==> flow/design.v <==
module mul_unit_rtl #(
   parameter BITS = 7
) (
   input wire CLK,
   input wire ce,
   input wire [BITS-1:0] x,
   input wire [BITS-1:0] y,
   output wire [2*BITS-1:0] p
);
   reg [BITS-1:0] r_x;
   reg [BITS-1:0] r_y;
   always @(posedge CLK) begin
      if (ce) begin
         r_x <= x;
         r_y <= y;
      end
   end
   wire [BITS:0] node [0:BITS];
   wire [BITS-1:0] lo;
   assign node[0] = 0;
   genvar i;
   generate
      for (i = 0; i < BITS; i = i + 1) begin : stage
         add_row #(.N(BITS)) inst (.a(r_x), .sel(r_y[i]), .pin(node[i][BITS:1]), .pout(node[i+1]));
         assign lo[i] = node[i+1][0];
      end
   endgenerate
   reg [2*BITS-1:0] r_p;
   always @(posedge CLK) begin
      if (ce) begin
         r_p <= {node[BITS][BITS:1], lo};
      end
   end
   assign p = r_p;
endmodule
module add_row #(parameter N = 4) (
   input wire [N-1:0] a,
   input wire sel,
   input wire [N-1:0] pin,
   output wire [N:0] pout
);
   assign pout = pin + (a & {N{sel}});
endmodule
Appendix: tool output

## From RTL to reports: mul_unit_rtl

A sweep over "BITS": the same steps for each member of the family.
The RTL above is that of BITS = 7; lines are counted from 1 in the file of the member named.
A cell with n/a has no value.

| inputs | value |
|---|---|
| top module | mul_unit_rtl |
| clock | CLK |
| library | sky130hd |
| library corner | tt_025C_1v80 |

## Members of the sweep

New or changed lines of each further member against the RTL above, in its own file; lines it lacks are not shown.

New or changed lines:

| BITS | RTL line | RTL |
|---|---|---|
| 9 | 2 | `parameter BITS = 9` |
| 11 | 2 | `parameter BITS = 11` |
| 22 | 2 | `parameter BITS = 22` |

## Elaborated design

Source: Yosys, flattened and elaborated, memories not mapped. Widths are those after wreduce; folded enables and synchronous resets count as part of the registers. Registers that Yosys merges into a memory's read port (data or address) are not register bits. Print and check cells do not count. Equal cells are merged and count once.

Operators by class:

| BITS | add/subtract/negate cells | bitwise operators |
|---|---|---|
| 7 | 6 | 7 |
| 9 | 8 | 9 |
| 11 | 10 | 11 |
| 22 | 21 | 22 |

Operator list:

| BITS | kind and count |
|---|---|
| 7 | 7-bit AND: 7; 7-bit by 8-bit adder with 8-bit output: 5; 6-bit by 8-bit adder with 8-bit output: 1 |
| 9 | 9-bit AND: 9; 9-bit by 10-bit adder with 10-bit output: 7; 8-bit by 10-bit adder with 10-bit output: 1 |
| 11 | 11-bit AND: 11; 11-bit by 12-bit adder with 12-bit output: 9; 10-bit by 12-bit adder with 12-bit output: 1 |
| 22 | 22-bit AND: 22; 22-bit by 23-bit adder with 23-bit output: 20; 21-bit by 23-bit adder with 23-bit output: 1 |

Storage and ports:

| BITS | elaborated cells | bits in registers |
|---|---|---|
| 7 | 16 | 28 |
| 9 | 20 | 36 |
| 11 | 24 | 44 |
| 22 | 46 | 88 |

## Longest topological paths

Longest topological path by Yosys (ltp), each cell counted once; first at word level (registers and memories cut), then after technology mapping (sequential cells cut; the memories' decode and read muxes count).

Logic depth:

| BITS | depth in word-level cells | ABC_AREA | gate-level depth with buffers | depth with buffers taken out |
|---|---|---|---|---|
| 7 | 7 | 0 | 30 | 30 |
| 9 | 9 | 0 | 42 | 42 |
| 11 | 11 | 0 | 57 | 56 |
| 22 | 22 | 0 | 138 | 135 |

## Netlist

Yosys stat after the flow's synthesis: flattened, memories mapped to cells. It holds for the ABC_AREA given above (unset counts as 0); a run with the other value may have another netlist.

Synthesis totals:

| BITS | synthesis area (mm^2) | mapped flip-flops | cell count | buffers | area of sequential cells (mm^2) |
|---|---|---|---|---|---|
| 7 | 0.0027026 | 28 | 279 | 0 | 0.0008408 |
| 9 | 0.0043754 | 36 | 476 | 0 | 0.001081 |
| 11 | 0.006814 | 44 | 806 | 24 | 0.0013213 |
| 22 | 0.0281545 | 88 | 3753 | 126 | 0.0026425 |

Cells by type:

| BITS | type and count |
|---|---|
| 7 | sky130_fd_sc_hd__edfxtp_1: 28; sky130_fd_sc_hd__ha_1: 41; sky130_fd_sc_hd__and2_1: 44; sky130_fd_sc_hd__xnor2_1: 17; sky130_fd_sc_hd__a21oi_1: 24; sky130_fd_sc_hd__fa_1: 6; sky130_fd_sc_hd__nor2b_1: 14; sky130_fd_sc_hd__inv_1: 21; sky130_fd_sc_hd__o21ai_0: 14; sky130_fd_sc_hd__nand2_1: 13; sky130_fd_sc_hd__xor2_1: 5; sky130_fd_sc_hd__a311o_1: 4; sky130_fd_sc_hd__nor2_1: 10; sky130_fd_sc_hd__o31a_1: 4; sky130_fd_sc_hd__a21o_1: 4; sky130_fd_sc_hd__o21a_1: 4; sky130_fd_sc_hd__a31oi_1: 4; sky130_fd_sc_hd__nor4_1: 3; [+19] |
| 9 | sky130_fd_sc_hd__edfxtp_1: 36; sky130_fd_sc_hd__ha_1: 72; sky130_fd_sc_hd__and2_1: 75; sky130_fd_sc_hd__xnor2_1: 41; sky130_fd_sc_hd__a21o_1: 26; sky130_fd_sc_hd__a21oi_1: 35; sky130_fd_sc_hd__fa_1: 8; sky130_fd_sc_hd__inv_1: 32; sky130_fd_sc_hd__xor2_1: 13; sky130_fd_sc_hd__o21ai_0: 21; sky130_fd_sc_hd__nor2_1: 26; sky130_fd_sc_hd__nand4_1: 10; sky130_fd_sc_hd__nand2_1: 14; sky130_fd_sc_hd__nor2b_1: 8; sky130_fd_sc_hd__a211oi_1: 6; sky130_fd_sc_hd__o21a_1: 6; sky130_fd_sc_hd__o21bai_1: 6; sky130_fd_sc_hd__a31oi_1: 7; [+34] |
| 11 | sky130_fd_sc_hd__ha_1: 110; sky130_fd_sc_hd__edfxtp_1: 44; sky130_fd_sc_hd__and2_1: 113; sky130_fd_sc_hd__xnor2_1: 57; sky130_fd_sc_hd__a21oi_1: 62; sky130_fd_sc_hd__fa_1: 10; sky130_fd_sc_hd__xor2_1: 22; sky130_fd_sc_hd__inv_1: 50; sky130_fd_sc_hd__o21ai_0: 37; sky130_fd_sc_hd__a21o_1: 24; sky130_fd_sc_hd__o211ai_1: 23; sky130_fd_sc_hd__nand2_1: 37; sky130_fd_sc_hd__nor2_1: 34; sky130_fd_sc_hd__o21a_1: 14; sky130_fd_sc_hd__a211oi_1: 13; sky130_fd_sc_hd__clkbuf_1: 24; sky130_fd_sc_hd__a31oi_1: 12; sky130_fd_sc_hd__a31o_2: 8; [+112] |
| 22 | sky130_fd_sc_hd__ha_1: 461; sky130_fd_sc_hd__and2_1: 484; sky130_fd_sc_hd__edfxtp_1: 88; sky130_fd_sc_hd__xnor2_1: 260; sky130_fd_sc_hd__a21oi_1: 370; sky130_fd_sc_hd__a21o_1: 175; sky130_fd_sc_hd__o21ai_0: 196; sky130_fd_sc_hd__nor2_1: 246; sky130_fd_sc_hd__xor2_1: 92; sky130_fd_sc_hd__nand2_1: 212; sky130_fd_sc_hd__inv_1: 163; sky130_fd_sc_hd__o21a_1: 70; sky130_fd_sc_hd__clkbuf_1: 124; sky130_fd_sc_hd__fa_1: 21; sky130_fd_sc_hd__nor2b_1: 60; sky130_fd_sc_hd__o21bai_1: 50; sky130_fd_sc_hd__nand3_1: 70; sky130_fd_sc_hd__a211oi_1: 45; [+566] |

A list marked [+n] leaves out that many cells.
The figures by module come from a second, unflattened synthesis with its own total; it is not the netlist above.

Unflattened totals:

| BITS | cell total of the unflattened synthesis | area (unflattened synthesis) (mm^2) |
|---|---|---|
| 7 | 337 | 0.0031393 |
| 9 | 496 | 0.0047558 |
| 11 | 914 | 0.0076561 |
| 22 | 4027 | 0.0294019 |

## Worst setup path after synthesis

Source: OpenSTA report_checks on the synthesized netlist (no wires, ideal clock, input and output delay 20% of the period each), path of least setup slack; recovery checks are left aside. Register names are those of the netlist, which keeps one name where synthesis merged equal registers.

Timing path after synthesis:

| BITS | kind | start point | end point | setup slack (ns) | delay of the path (ns) | stages on the path | period (ns) | synthesis period reached (ns) |
|---|---|---|---|---|---|---|---|---|
| 7 | flip-flop to flip-flop | register r_y[1] | register r_p[13] | 1.507 | 6.033 | 29 | 7.54 | 6.033 |
| 9 | flip-flop to flip-flop | register r_x[1] | register r_p[16] | 1.966 | 7.873 | 42 | 9.84 | 7.874 |
| 11 | flip-flop to flip-flop | register r_x[1] | register r_p[20] | 2.823 | 11.178 | 52 | 14.0 | 11.177 |
| 22 | flip-flop to flip-flop | register r_x[1] | register r_p[42] | 6.108 | 24.492 | 127 | 30.6 | 24.492 |

"delay of the path" is the arrival time less input delay plus setup time.
"stages on the path" counts driving pins, that of a launching flip-flop among them; a cell with two outputs on the path counts twice.
"synthesis period reached" = period - worst setup slack (recovery checks aside). The figure is calculated, with input and output delays left at 20% of the set period.
The rows between start and end are the longest chain of elaborated cells between them; the timing report does not say that the signal goes this way. Where chains are equally long, one stands for them.
A line is the first line of the expression or statement that the cell stems from. Yosys adds cells for indexed reads and writes and turns some case tables into memories.

| between the ends, after synthesis, BITS = 7 | value |
|---|---|
| length of the longest elaborated chain | 7 |

Ends and longest elaborated chain, after synthesis, BITS = 7:

| item | RTL line | RTL |
|---|---|---|
| start: declaration | 11 | `reg [BITS-1:0] r_y;` |
| start: assignment | 15 | `r_y <= y;` |
| 7-bit AND | 42 | `assign pout = pin + (a & {N{sel}});` |
| 6-bit by 8-bit adder with 8-bit output | 42 |  |
| 7-bit by 8-bit adder with 8-bit output x5 | 42 |  |
| end: assignment | 31 | `r_p <= {node[BITS][BITS:1], lo};` |
| end: declaration | 28 | `reg [2*BITS-1:0] r_p;` |

| between the ends, after synthesis, BITS = 22 | value |
|---|---|
| length of the longest elaborated chain | 22 |

Ends and longest elaborated chain, after synthesis, BITS = 22:

| item | RTL line | RTL |
|---|---|---|
| start: declaration | 10 | `reg [BITS-1:0] r_x;` |
| start: assignment | 14 | `r_x <= x;` |
| 22-bit AND | 42 | `assign pout = pin + (a & {N{sel}});` |
| 21-bit by 23-bit adder with 23-bit output | 42 |  |
| 22-bit by 23-bit adder with 23-bit output x20 | 42 |  |
| end: assignment | 31 | `r_p <= {node[BITS][BITS:1], lo};` |
| end: declaration | 28 | `reg [2*BITS-1:0] r_p;` |

## Worst path after layout

Path of least setup slack in the final report of the run of each member (OpenROAD, finished layout, wires in). Where an end is a register, its clock arrival counts in the times.

Timing path after layout:

| BITS | kind | start point | end point | setup slack (ns) | stages on the path | period (ns) | path buffers | data arrival time (ns) |
|---|---|---|---|---|---|---|---|---|
| 7 | flip-flop to flip-flop | register r_y[1] | register r_p[13] | 0.86 | 31 | 7.54 | 0 | 6.70 |
| 9 | flip-flop to flip-flop | register r_x[0] | register r_p[16] | 1.05 | 42 | 9.84 | 0 | 8.84 |
| 11 | flip-flop to flip-flop | register r_x[1] | register r_p[20] | 1.80 | 54 | 14.0 | 0 | 12.28 |
| 22 | flip-flop to flip-flop | register r_x[1] | register r_p[42] | 3.27 | 123 | 30.6 | 1 | 27.47 |

## Flow runs

Settings and results of one run of the flow (Yosys, OpenROAD) for each member follow. The constraints put input and output delay at 20% of the set period each and load the outputs with 0.01 pF.

| flow settings | value |
|---|---|
| CAP_MARGIN | 20 |
| CORE_MARGIN | 2 |
| CORE_UTILIZATION | 40 |
| SLEW_MARGIN | 20 |

Settings that differ:

| BITS | period_ns |
|---|---|
| 7 | 7.54 |
| 9 | 9.84 |
| 11 | 14.0 |
| 22 | 30.6 |

Results:

| BITS | cell area after synthesis (mm^2) | lowest hold slack (ns) | overall die area (mm^2) | summed negative setup slack (ns) | post-layout utilization (%) | period reached (ns) | area of the standard cells in the finished layout (mm^2) | worst setup slack after layout (ns) |
|---|---|---|---|---|---|---|---|---|
| 7 | 0.0027026 | 0.702 | 0.0074296 | 0.000 | 48.6 | 6.681 | 0.0031418 | 0.859 |
| 9 | 0.0043754 | 0.714 | 0.0117907 | 0.000 | 46.6 | 8.792 | 0.0050123 | 1.048 |
| 11 | 0.006814 | 0.773 | 0.0180956 | 0.000 | 45.8 | 12.201 | 0.0076223 | 1.799 |
| 22 | 0.0281545 | 0.855 | 0.0725252 | 0.000 | 43.2 | 27.328 | 0.0302152 | 3.272 |

"period reached" means the clock period less the worst setup slack. The figure is calculated, with input and output delays left at 20% of the set period.
